==> flow/design.v <==
module mplex_top #(
   parameter WIDTH = 48
) (
   input clock,
   input [WIDTH-1:0] bus0,
   input [WIDTH-1:0] bus1,
   input [WIDTH-1:0] bus2,
   input [WIDTH-1:0] bus3,
   input [WIDTH-1:0] bus4,
   input [WIDTH-1:0] bus5,
   input [WIDTH-1:0] bus6,
   input [WIDTH-1:0] bus7,
   input [WIDTH-1:0] bus8,
   input [WIDTH-1:0] bus9,
   input [3:0] addr,
   output [WIDTH-1:0] result
);
   reg [WIDTH-1:0] bus0_reg;
   reg [WIDTH-1:0] bus1_reg;
   reg [WIDTH-1:0] bus2_reg;
   reg [WIDTH-1:0] bus3_reg;
   reg [WIDTH-1:0] bus4_reg;
   reg [WIDTH-1:0] bus5_reg;
   reg [WIDTH-1:0] bus6_reg;
   reg [WIDTH-1:0] bus7_reg;
   reg [WIDTH-1:0] bus8_reg;
   reg [WIDTH-1:0] bus9_reg;
   reg [3:0] addr_reg;
   always @(posedge clock) begin
      bus0_reg <= bus0;
      bus1_reg <= bus1;
      bus2_reg <= bus2;
      bus3_reg <= bus3;
      bus4_reg <= bus4;
      bus5_reg <= bus5;
      bus6_reg <= bus6;
      bus7_reg <= bus7;
      bus8_reg <= bus8;
      bus9_reg <= bus9;
      addr_reg <= addr;
   end
   wire [WIDTH-1:0] work;
   assign work =
      (addr_reg == 4'd0) ? bus0_reg :
      (addr_reg == 4'd1) ? bus1_reg :
      (addr_reg == 4'd2) ? bus2_reg :
      (addr_reg == 4'd3) ? bus3_reg :
      (addr_reg == 4'd4) ? bus4_reg :
      (addr_reg == 4'd5) ? bus5_reg :
      (addr_reg == 4'd6) ? bus6_reg :
      (addr_reg == 4'd7) ? bus7_reg :
      (addr_reg == 4'd8) ? bus8_reg :
      bus9_reg;
   reg [WIDTH-1:0] result_reg;
   always @(posedge clock) begin
      result_reg <= work;
   end
   assign result = result_reg;
endmodule
# Step by step through the tools: mplex_top
# Tool output for the design above, in the order of the flow.
# Line numbers count from 1 in the design file above.
# Operators carry their Yosys type and port widths (W data, S select, Z words).
# Cell names lack the library's common part.
# Not given: --
# setup
design	mplex_top
clk_port	clock
cell_library	sky130hd
pvt_corner	tt_025C_1v80

# Elaborated design
# Yosys after proc, flatten, opt, wreduce and memory -nomap, before mapping. Enables and synchronous resets that opt folds into registers are not counted as muxes. Memory bits, and registers merged into a memory's read port (data or address), are not among the register bits. Print and check cells are not counted. Equal cells are merged and count once.
# op_classes
add_sub_neg	0
n_mul	0
div	0
compare	0
equal	8
shifts	0
n_mux	9
n_logic	0
reduce_logical	1
# ops
cell	n
$mux W48	9
$eq A4 B3 Y1 const B	4
$eq A4 B2 Y1 const B	2
$eq A4 B1 Y1 const B	1
$eq A4 B4 Y1 const B	1
$logic_not A4 Y1	1
# bits
ff_bits	532
latch_bits	0
ramBits	0
romBits	0
clocked_rd_ports_x_width	0
mem_count	0
elab_cells	30

# Longest topological paths
# Yosys ltp: most cells in a row. Word level: on the elaborated netlist, between registers, memories and ports. Mapped: between sequential cells and ports; inverters and the memories' decode and read muxes count.
# depth
word_depth	10
abc_area	0
ltp_mapped	8
ltp_nobuf	5

# Netlist
# Source: synth_stat.txt of the flow (Yosys; design flattened, memories mapped). It holds for the ABC_AREA given above (unset counts as 0); a run with the other value may have another netlist.
# The area totals of this step are shown rounded.
# by_type
cell	n	type_area_um2
dfxtp_1	532	1.07E+04
a21oi_1	134	670.643
mux4_2	21	472.954
nor2_1	95	356.592
a22oi_1	46	345.331
mux2i_1	34	340.326
o21ai_0	66	330.317
nand2_1	87	326.563
o22ai_1	46	287.776
a211oi_1	38	285.274
buf_2	47	235.226
nor3_1	38	190.182
nor2b_1	24	150.144
a21o_1	19	142.637
clkbuf_1	35	131.376
nand3_1	23	115.11
o21ai_1	22	110.106
a2bb2oi_1	11	96.342
# Other cell types: 38; their cells: 109.
# synth_totals
cell_count	1427
synth_area_um2	16140
ffs	532

# Path before layout
# Path of least setup slack by OpenSTA after synthesis, without wires, with an ideal clock, recovery checks aside; 20% of the period is set as input and as output delay. Where synthesis merged equal registers, the netlist keeps one of their names.
# synth_timing
path_type	register to register
startpoint	register addr_reg[1]
endpoint	register result_reg[35]
clock_period_ps	1990
setup_ps	127
arrival_ps	1463
t_required_ps	1863
slack_ps	399
delay_ps	1590
driving_pins	8
n_path_buf	2
synth_period_reached_ps	1591
# "delay_ps" = arrival - input delay + setup time.
# "driving_pins": output pins that drive a net of the path, with the launching flip-flop's if there is one; two outputs of one cell count as two.
# "synth_period_reached_ps" is the clock period less the worst setup slack; recovery checks do not enter. This is arithmetic on one report: input and output delays are still those of the set period (20% each).
# The rows between start and end are the longest chain of elaborated cells between them; the timing report does not say that the signal goes this way. Where chains are equally long, one stands for them.
# Each line given opens the expression or statement behind the cell; cells for indexed reads and writes are added by Yosys, which also makes memories of some case tables.
# synth_via
path_cell_list	dfxtp_1 buf_4 buf_6 mux2_2 a221oi_1 o21ai_0 o311ai_0 a21oi_1
elab_chain_len	10
cells_between	18
cone_lines	9
cone_classes	8 x eq/ne; 9 x mux; 1 x reduce/logical
# synth_lines
element	line_no	rtl
start: declaration	28	reg [3:0] addr_reg;
start: assignment	40	addr_reg <= addr;
$eq A4 B4 Y1	52	(addr_reg == 4'd8) ? bus8_reg :
$mux W48	52
$mux W48	51	(addr_reg == 4'd7) ? bus7_reg :
$mux W48	50	(addr_reg == 4'd6) ? bus6_reg :
$mux W48	49	(addr_reg == 4'd5) ? bus5_reg :
$mux W48	48	(addr_reg == 4'd4) ? bus4_reg :
$mux W48	47	(addr_reg == 4'd3) ? bus3_reg :
$mux W48	46	(addr_reg == 4'd2) ? bus2_reg :
$mux W48	45	(addr_reg == 4'd1) ? bus1_reg :
$mux W48	44	(addr_reg == 4'd0) ? bus0_reg :
end: assignment	56	result_reg <= work;
end: declaration	54	reg [WIDTH-1:0] result_reg;

# Worst path after layout
# From the final timing report of entry A: the path of least setup slack in the routed layout; clock arrival at registers is part of the times.
# The path's times are printed in steps of 10 ps; the period is the one set.
# layout_timing
path_type	register to output
startpoint	register result_reg[17]
endpoint	output result[17]
clock_period_ps	1990
output_delay_ps	400
arrival_ps	1540
t_required_ps	1590
slack_ps	50
driving_pins	2
n_path_buf	1
# layout_via
path_cell_list	dfxtp_1 clkdlybuf4s50_1
elab_chain_len	0
cells_between	0
cone_lines	0
# layout_lines
element	line_no	rtl
start: declaration	54	reg [WIDTH-1:0] result_reg;
start: assignment	56	result_reg <= work;
end: declaration	16	output [WIDTH-1:0] result

Top module mplex_top; platform sky130hd; tools Yosys and OpenROAD; 3 stored runs in no particular order. Input and output delays are each 20% of the period that was set; the output load is 0.01 pF.
By "power_mw" is meant OpenSTA's value without simulated activity: inputs other than the clock are taken to toggle once in ten clock periods, and the tool carries that through the logic.
The results are shown rounded.

Entry A, flow files:
==> flow/run.sh <==
#!/bin/bash
# the make line also repeats the synthesis and layout settings of config.mk as NAME=value (left out here)
make -C /OpenROAD-flow-scripts/flow DESIGN_CONFIG=/design/flow/config.mk WORK_HOME=/design/flow/orfs CLKGATE_MAP_FILE= finish
==> flow/config.mk <==
export PLATFORM = sky130hd
export DESIGN_NAME = mplex_top
export DESIGN_NICKNAME = mplex_top
export VERILOG_FILES = /design/flow/design.v
export SDC_FILE = /design/flow/constraint.sdc
export NUM_CORES = 4
export LEC_CHECK = 0
export CAP_MARGIN = 20
export CORE_MARGIN = 2
export CORE_UTILIZATION = 40
export SLEW_MARGIN = 20
==> flow/constraint.sdc <==
create_clock -name core_clock -period 1.99 [get_ports {clock}]
set_input_delay 0.3980 -clock core_clock [delete_from_list [all_inputs] [get_ports {clock}]]
set_output_delay 0.3980 -clock core_clock [all_outputs]
set_load 0.01 [all_outputs]

==> results of entry A, as CSV <==
result,value
final_die_area_um2,41980
setup_ws_ps,48
synth_chip_area_um2,16140
finalUtil_frac,0.603
power_mw,24.40
hold_worst_slack_ps,251
total_negative_slack_ps,0

Entry B, flow files:
==> flow/run.sh <==
#!/bin/bash
# the make line also repeats the synthesis and layout settings of config.mk as NAME=value (left out here)
make -C /OpenROAD-flow-scripts/flow DESIGN_CONFIG=/design/flow/config.mk WORK_HOME=/design/flow/orfs CLKGATE_MAP_FILE= finish
==> flow/config.mk <==
export PLATFORM = sky130hd
export DESIGN_NAME = mplex_top
export DESIGN_NICKNAME = mplex_top
export VERILOG_FILES = /design/flow/design.v
export SDC_FILE = /design/flow/constraint.sdc
export NUM_CORES = 4
export LEC_CHECK = 0
export CAP_MARGIN = 25
export CELL_PAD_IN_SITES_DETAIL_PLACEMENT = 1
export CELL_PAD_IN_SITES_GLOBAL_PLACEMENT = 0
export CORE_ASPECT_RATIO = 0.88
export CORE_MARGIN = 2
export CORE_UTILIZATION = 45
export GPL_ROUTABILITY_DRIVEN = 1
export GPL_TIMING_DRIVEN = 1
export MIN_ROUTING_LAYER = met1
export PLACE_DENSITY = 0.67
export SLEW_MARGIN = 20
export TNS_END_PERCENT = 20
==> flow/constraint.sdc <==
create_clock -name core_clock -period 1.69 [get_ports {clock}]
set_input_delay 0.3380 -clock core_clock [delete_from_list [all_inputs] [get_ports {clock}]]
set_output_delay 0.3380 -clock core_clock [all_outputs]
set_load 0.01 [all_outputs]

==> results of entry B, as CSV <==
result,value
final_die_area_um2,37410
setup_ws_ps,-563
synth_chip_area_um2,16140
finalUtil_frac,0.72
power_mw,30.22
hold_worst_slack_ps,170
total_negative_slack_ps,-6971

Entry C, flow files:
==> flow/run.sh <==
#!/bin/bash
# the make line also repeats the synthesis and layout settings of config.mk as NAME=value (left out here)
make -C /OpenROAD-flow-scripts/flow DESIGN_CONFIG=/design/flow/config.mk WORK_HOME=/design/flow/orfs CLKGATE_MAP_FILE= finish
==> flow/config.mk <==
export PLATFORM = sky130hd
export DESIGN_NAME = mplex_top
export DESIGN_NICKNAME = mplex_top
export VERILOG_FILES = /design/flow/design.v
export SDC_FILE = /design/flow/constraint.sdc
export NUM_CORES = 4
export LEC_CHECK = 0
export ABC_AREA = 1
export CAP_MARGIN = 20
export CORE_MARGIN = 2
export CORE_UTILIZATION = 41
export CTS_CLUSTER_DIAMETER = 206
export CTS_CLUSTER_SIZE = 13
export PLACE_DENSITY = 0.83
export SETUP_SLACK_MARGIN = 0.06
export SLEW_MARGIN = 20
==> flow/constraint.sdc <==
create_clock -name core_clock -period 2.57 [get_ports {clock}]
set_input_delay 0.5140 -clock core_clock [delete_from_list [all_inputs] [get_ports {clock}]]
set_output_delay 0.5140 -clock core_clock [all_outputs]
set_load 0.01 [all_outputs]

==> results of entry C, as CSV <==
result,value
final_die_area_um2,40780
setup_ws_ps,302
synth_chip_area_um2,16060
finalUtil_frac,0.6
power_mw,16.94
hold_worst_slack_ps,381
total_negative_slack_ps,0
